==> flow/design.v <==
module gen_switch #(
  parameter BITS = 2,
  parameter WAYS = 5
) (
  input  wire aclk,
  input  wire rstn,
  input  wire [WAYS*BITS-1:0] ch_i,
  input  wire [WAYS-1:0] addr_i,
  output wire [BITS-1:0] z_o_o
);
  reg [WAYS*BITS-1:0] ch_reg;
  reg [WAYS-1:0] addr_reg;
  always @(posedge aclk) begin
    if (!rstn) begin
      ch_reg <= 0;
      addr_reg <= 0;
    end else begin
      ch_reg <= ch_i;
      addr_reg <= addr_i;
    end
  end
  reg [BITS-1:0] r;
  integer idx;
  always @(*) begin
    r = 0;
    for (idx = WAYS-1; idx >= 0; idx = idx - 1)
      if (addr_reg[idx]) r = ch_reg[idx*BITS +: BITS];
  end
  assign z_o_o = r;
endmodule
=== Reports on gen_switch ===
Tool output for the design above, in the order of the flow.
Line numbers count from 1 in the design file above.
Library cell names are shortened.
Not given: -

* Design top: gen_switch
* Clock: aclk
* Library: sky130hd
* Corner: tt_025C_1v80

=== Elaborated design ===
Yosys after proc, flatten, opt, wreduce and memory -nomap, before mapping. Enables and synchronous resets that opt folds into registers are not counted as muxes. Memory bits, and registers merged into a memory's read port (data or address), are not among the register bits. Print and check cells are not counted. Equal cells are merged and count once.

* Flip-flop bits (word level): 15
* Bits in latches: 0
* RAM bits: 0
* Memory bits (read-only): 0
* Word width x clocked read ports: 0
* Memories kept: 0
* Output and inout port bits: 2
* Cells after elaboration: 7

* Add/subtract/negate cells: 0
* $mul: 0
* Divide/modulo/power cells: 0
* Order comparisons: 0
* Equality and inequality tests: 0
* Shift operators: 0
* Muxes and demuxes: 5
* Bitwise logic cells: 0
* Reductions and logical operators: 0

{| class="wikitable"
|+ Operator list
! cell !! count
|-
| 2-bit two-way mux || 5
|}

=== Longest topological paths ===
Yosys ltp: most cells in a row. Word level: on the elaborated netlist, between registers, memories and ports. Mapped: between sequential cells and ports; inverters and the memories' decode and read muxes count.

* Depth in word-level cells: 5
* ABC_AREA: 0
* Gate-level depth with buffers: 3

=== After synthesis ===
Source: synth_stat.txt of the flow (Yosys; design flattened, memories mapped). It holds for the ABC_AREA given above (unset counts as 0); a run with the other value may have another netlist.
Totals and module areas in this step are rounded.

{| class="wikitable"
|+ Cell types
! type !! count !! area in all (um^2)
|-
| dfxtp_1 || 15 || 300.288
|-
| and2_1 || 15 || 93.84
|-
| mux2i_1 || 2 || 20.019
|-
| a211oi_1 || 2 || 15.014
|-
| nand3b_1 || 2 || 15.014
|-
| a31oi_1 || 2 || 12.512
|-
| nand2b_1 || 2 || 12.512
|-
| nor3b_2 || 1 || 12.512
|-
| nand2_1 || 2 || 7.507
|-
| clkbuf_1 || 1 || 3.754
|}

* Cells in the netlist: 44
* Mapped area: 493 um^2
* Flip-flops: 15

=== Path before layout ===
OpenSTA on the mapped netlist: ideal clock, no wires. The path of least setup slack (recovery checks aside). Input and output delay are each 20% of the period. Register names are those of the netlist, which keeps one name where synthesis merged equal registers.

* Kind: reg2out
* Start: register addr_reg[2]
* End: output port z_o_o[0]
* Clock period: 1.34 ns
* Output delay: 0.268 ns
* Time at the first pin: 0.000 ns
* Arrival: 0.857 ns
* Data required time: 1.072 ns
* Setup slack: 0.215 ns
* Delay of the path: 0.857 ns
* Stages: 4
* Synthesis period reached: 1.125 ns

"delay of the path" = arrival - input delay + setup time.
A path that ends at an output port has no setup time.
"stages": output pins that drive a net of the path, with the launching flip-flop's if there is one; two outputs of one cell count as two.
"synthesis period reached" is the clock period less the worst setup slack; recovery checks do not enter. This is arithmetic on one report: input and output delays are still those of the set period (20% each).
Between the ends stands the longest chain of elaborated cells between them, by number of cells; it is not shown to be the way that was timed. Of several equally long chains one is given.
A line is the first line of the expression or statement that the cell stems from. Yosys adds cells for indexed reads and writes and turns some case tables into memories.

* Path through: dfxtp_1 > nor3b_2 > a211oi_1 > a31oi_1
* Length of the longest elaborated chain: 3

{| class="wikitable"
|+ RTL lines, path after synthesis
! item !! RTL line !! RTL
|-
| start: declaration || 12 || <nowiki>reg [WAYS-1:0] addr_reg;</nowiki>
|-
| start: assignment || 16 || <nowiki>addr_reg <= 0;</nowiki>
|-
| start: assignment || 19 || <nowiki>addr_reg <= addr_i;</nowiki>
|-
| 2-bit two-way mux (3 in a row) || 27 || <nowiki>if (addr_reg[idx]) r = ch_reg[idx*BITS +: BITS];</nowiki>
|-
| end: declaration || 9 || <nowiki>output wire [BITS-1:0] z_o_o</nowiki>
|}

=== Path in the finished layout ===
From the final timing report of record 1: the path of least setup slack in the routed layout; clock arrival at registers is part of the times.

* Kind: reg2out
* Start: register addr_reg[3]
* End: output port z_o_o[0]
* Clock period: 1.34 ns
* Output delay: 0.27 ns
* Time at the first pin: 0.28 ns
* Arrival: 1.20 ns
* Data required time: 1.07 ns
* Setup slack: -0.12 ns
* Stages: 5

Between the ends stands the longest chain of elaborated cells between them, by number of cells; it is not shown to be the way that was timed. Of several equally long chains one is given.

* Path through: dfxtp_2 > nor3b_2 > a211oi_2 > a31oi_1 > buf_2
* Length of the longest elaborated chain: 4

{| class="wikitable"
|+ RTL lines, path after layout
! item !! RTL line !! RTL
|-
| start: declaration || 12 || <nowiki>reg [WAYS-1:0] addr_reg;</nowiki>
|-
| start: assignment || 16 || <nowiki>addr_reg <= 0;</nowiki>
|-
| start: assignment || 19 || <nowiki>addr_reg <= addr_i;</nowiki>
|-
| 2-bit two-way mux (4 in a row) || 27 || <nowiki>if (addr_reg[idx]) r = ch_reg[idx*BITS +: BITS];</nowiki>
|-
| end: declaration || 9 || <nowiki>output wire [BITS-1:0] z_o_o</nowiki>
|}

# Flow runs of gen_switch

Measured results for gen_switch: 3 stored runs of the Yosys and OpenROAD flow on sky130hd. The settings differ; the order carries no meaning. The constraints put input and output delay at 20% of the set period each and load the outputs with 0.01 pF.
"achieved clock period" = clock period - worst setup slack. The figure is calculated, with input and output delays left at 20% of the set period.
"time on the worst setup path" is the time allowed to the run's worst setup path (the clock period less input and output delay, where it has them) less its slack. Clock arrival times count: a late capture clock shortens it, a late launch clock lengthens it.
The results are shown rounded.

=== Record 1 ===
{| class="wikitable"
! Setting !! Value
|-
| period_ns || 1.34
|-
| CAP_MARGIN || 20
|-
| CORE_MARGIN || 2
|-
| CORE_UTILIZATION || 40
|-
| SLEW_MARGIN || 20
|-
! Result !! Value
|-
| Utilization in the final report || 64.3%
|-
| Standard-cell area after layout || 724 um^2
|-
| Achieved clock period || 1.463 ns
|-
| Worst setup slack after layout || -0.123 ns
|-
| Total die area || 1,530 um^2
|-
| Time on the worst setup path || 1.20 ns
|-
| Class of the worst setup path || reg2out
|-
| Post-route setup TNS || -0.243 ns
|-
| Post-synthesis cell area || 493 um^2
|}

=== Record 2 ===
{| class="wikitable"
! Setting !! Value
|-
| period_ns || 1.26
|-
| CORE_UTILIZATION || 35
|-
| SETUP_SLACK_MARGIN || 0.17
|-
| PLACE_DENSITY_LB_ADDON || 0.28
|-
| CORE_ASPECT_RATIO || 1.9
|-
| GPL_ROUTABILITY_DRIVEN || 0
|-
| CTS_CLUSTER_SIZE || 67
|-
| CAP_MARGIN || 25
|-
| SLEW_MARGIN || 35
|-
| CORE_MARGIN || 2
|}
Did not finish, floorplanning stopped with PDN-0185.

=== Record 3 ===
{| class="wikitable"
! Setting !! Value
|-
| period_ns || 1.34
|-
| CORE_UTILIZATION || 35
|-
| PLACE_DENSITY_LB_ADDON || 0.07
|-
| CELL_PAD_IN_SITES_DETAIL_PLACEMENT || 2
|-
| ABC_AREA || 1
|-
| SLEW_MARGIN || 5
|-
| MIN_ROUTING_LAYER || met1
|-
| CAP_MARGIN || 20
|-
| CORE_MARGIN || 2
|-
! Result !! Value
|-
| Utilization in the final report || 52.8%
|-
| Standard-cell area after layout || 767 um^2
|-
| Achieved clock period || 1.405 ns
|-
| Worst setup slack after layout || -0.065 ns
|-
| Total die area || 1,840 um^2
|-
| Time on the worst setup path || 1.14 ns
|-
| Class of the worst setup path || reg2out
|-
| Post-route setup TNS || -0.126 ns
|-
| Post-synthesis cell area || 529 um^2
|}
